==> flow/design.v <==
module gen_shift #(
  parameter integer NBITS = 48,
  parameter integer SEL_W = $clog2(NBITS)
) (
  input wire i_clk,
  input wire rstn,
  input wire [NBITS-1:0] ch,
  input wire [SEL_W-1:0] by,
  output reg [NBITS-1:0] data_out
);
  reg [NBITS-1:0] ch_ff;
  reg [SEL_W-1:0] by_ff;
  reg [NBITS-1:0] val_ff;
  reg [1:0] by_ff_lo;
  always @(posedge i_clk or negedge rstn) begin
    if (~rstn) begin
      ch_ff <= 0;
      by_ff <= 0;
      val_ff <= 0;
      by_ff_lo <= 0;
      data_out <= 0;
    end else begin
      ch_ff <= ch;
      by_ff <= by;
      val_ff <= ch_ff >> {by_ff[SEL_W-1:2], 2'b00};
      by_ff_lo <= by_ff[1:0];
      data_out <= val_ff >> by_ff_lo;
    end
  end
endmodule
# Reports on gen_shift
# The steps from the RTL of gen_shift to its reports follow in flow order.
# Lines are those of the file above, counted from 1.
# Operators: Yosys type, input widths -> output width; for muxes data width and select width s.
# Not given: --
# setup
top_module,gen_shift
clock_port,i_clk
lib,sky130hd
pvt_corner,tt_025C_1v80

# Word level
# Yosys after proc, flatten, opt, wreduce and memory -nomap, before mapping. Enables and synchronous resets that opt folds into registers are not counted as muxes. Memory bits, and registers merged into a memory's read port (data or address), are not among the register bits. Print and check cells are not counted. Equal cells are merged and count once.
# op_classes
n_shift,2
# ops
cell,count
$shr 48x2->48,1
$shr 48x6->48,1
# bits
input_bits,56
wordCells,7
out_inout_bits,48
regBits,152

# Logic depth
# Longest topological path by Yosys (ltp), each cell counted once; first at word level (registers and memories cut), then after technology mapping (sequential cells cut; the memories' decode and read muxes count).
# logic_depth
depth_word,1
ABC_AREA,0
depth_mapped,6
ltp_nobuf,3

# Synthesis result
# Yosys stat after the flow's synthesis: flattened, memories mapped to cells. It holds for the ABC_AREA given above (unset counts as 0); a run with the other value may have another netlist.
# types
cell,count,type_area_um2
sky130_fd_sc_hd__dfrtp_1,152,3.8E+03
sky130_fd_sc_hd__mux4_2,69,1553.99
sky130_fd_sc_hd__mux2i_1,27,270.259
sky130_fd_sc_hd__nand2_1,32,120.115
sky130_fd_sc_hd__mux4_1,4,105.101
sky130_fd_sc_hd__buf_2,18,90.086
sky130_fd_sc_hd__mux2_2,7,78.826
sky130_fd_sc_hd__a21oi_1,15,75.072
sky130_fd_sc_hd__and2_1,9,56.304
sky130_fd_sc_hd__nor2_1,15,56.304
sky130_fd_sc_hd__a22oi_1,7,52.55
sky130_fd_sc_hd__a2bb2oi_1,6,52.55
sky130_fd_sc_hd__buf_6,4,45.043
sky130_fd_sc_hd__and3_1,7,43.792
sky130_fd_sc_hd__nor2b_1,7,43.792
sky130_fd_sc_hd__clkbuf_1,11,41.29
sky130_fd_sc_hd__buf_12,2,40.038
sky130_fd_sc_hd__nand2b_1,6,37.536
# Not listed: further types 17, cells in them 37.
# mapped
flip_flops,152
seq_area_um2,3803.6
n_buf,36
cell_count,435
mapped_area_um2,6822.8

# Worst setup path after synthesis
# Path of least setup slack by OpenSTA after synthesis, without wires, with an ideal clock, recovery checks aside; 20% of the period is set as input and as output delay. Where synthesis merged equal registers, the netlist keeps one of their names.
# synth_timing
path_type,register to register
start,reg by_ff[2]
end,reg val_ff[27]
period_ps,1890
t_first_pin_ps,0
arrival_time_ps,1378
n_path_buf,2
t_required_ps,1758
stages,6
slack_ps,380
path_delay_ps,1510
setup_time_ps,132
period_less_setup_slack_ps,1510
# "path_delay_ps" = arrival - input delay + setup time.
# "stages": output pins that drive a net of the path, with the launching flip-flop's if there is one; two outputs of one cell count as two.
# "period_less_setup_slack_ps" is the clock period less the worst setup slack; recovery checks do not enter. This is arithmetic on one report: input and output delays are still those of the set period (20% each).
# Between the ends stands the longest chain of elaborated cells between them, by number of cells; it is not shown to be the way that was timed. Of several equally long chains one is given.
# A line is the first line of the expression or statement that the cell stems from. Yosys adds cells for indexed reads and writes and turns some case tables into memories.
# synth_between
path_cell_list,sky130_fd_sc_hd__dfrtp_1 -> sky130_fd_sc_hd__buf_6 -> sky130_fd_sc_hd__buf_6 -> sky130_fd_sc_hd__mux4_1 -> sky130_fd_sc_hd__a22oi_1 -> sky130_fd_sc_hd__nor2_1
elab_chain_len,1
cone_cells,1
lines_between,1
cone_classes,shift: 1
# synth_rtl
item,line_no,source
start: declaration,12,reg [SEL_W-1:0] by_ff;
start: assignment,18,by_ff <= 0;
start: assignment,24,by_ff <= by;
$shr 48x6->48,25,"val_ff <= ch_ff >> {by_ff[SEL_W-1:2], 2'b00};"
end: assignment,19,val_ff <= 0;
end: assignment,25,
end: declaration,13,reg [NBITS-1:0] val_ff;

# Worst path after layout
# Path of least setup slack in the final report of record 1 (OpenROAD, finished layout, wires in). Where an end is a register, its clock arrival counts in the times.
# The path's times are printed in steps of 10 ps; the period is the one set.
# layout_timing
path_type,register to register
start,reg by_ff[2]
end,reg val_ff[5]
t_required_ps,2200
period_ps,1890
arrival_time_ps,2090
n_path_buf,1
slack_ps,100
stages,5
t_first_pin_ps,420
setup_time_ps,110
# Between the ends stands the longest chain of elaborated cells between them, by number of cells; it is not shown to be the way that was timed. Of several equally long chains one is given.
# layout_between
path_cell_list,sky130_fd_sc_hd__dfrtp_2 -> sky130_fd_sc_hd__buf_12 -> sky130_fd_sc_hd__mux2i_1 -> sky130_fd_sc_hd__mux4_2 -> sky130_fd_sc_hd__o21ai_0
elab_chain_len,1
cone_cells,1
lines_between,1
cone_classes,shift: 1
# layout_rtl
item,line_no,source
start: declaration,12,reg [SEL_W-1:0] by_ff;
start: assignment,18,by_ff <= 0;
start: assignment,24,by_ff <= by;
$shr 48x6->48,25,"val_ff <= ch_ff >> {by_ff[SEL_W-1:2], 2'b00};"
end: assignment,19,val_ff <= 0;
end: assignment,25,
end: declaration,13,reg [NBITS-1:0] val_ff;

# Measured data: module gen_shift, platform sky130hd, 3 stored runs of the flow under differing settings, order arbitrary. Input and output delays are each 20% of the period that was set; the output load is 0.01 pF.
# By "achieved_clock_period_ps" is meant the clock period of the run minus its worst setup slack. This is arithmetic on one report: input and output delays are still those of the set period (20% each).
# "worst_path_allowed_less_slack_ps" = time allowed to the worst setup path (clock period - input delay - output delay, where it has them) - its slack; a late launch clock adds to it, a late capture clock takes from it.
# "fin_power_uw" rests on the timing tool's default activity at the inputs, not on a simulated workload.
# "worst_path_allowed_less_slack_ps" is known to 10 ps.
# Settings: - = not set for that run.
setting or result,record 1,record 2,record 3
period_ns,1.89,1.01,1.69
CAP_MARGIN,20,25,10
CORE_MARGIN,2,2,8
CORE_UTILIZATION,40,43,31
SLEW_MARGIN,20,20,20
SETUP_SLACK_MARGIN,-,0.29,-0.06
PLACE_DENSITY_LB_ADDON,-,0.19,0.05
ABC_AREA,-,0,1
CTS_CLUSTER_DIAMETER,-,68,-
MIN_ROUTING_LAYER,-,met1,-
TNS_END_PERCENT,-,-,65
MAX_ROUTING_LAYER,-,-,met4
worst_path_allowed_less_slack_ps,1790,1690,1280
worstPathKind,register to register,register to register,register to output
achieved_clock_period_ps,1786,1692,1619
fin_tns_ps,0,-45941,0
yosys.chip_area_um2,6822.8,6822.8,6676.4
finish.stdcell_area_um2,8831.0,9855.7,8644.5
fin_power_uw,8474,15393,8969
worst_setup_slack_ps,104,-682,71
die_area_um2,18117.2,16890.9,26489.2
fin_util_pct,53.1,62.7,41.0
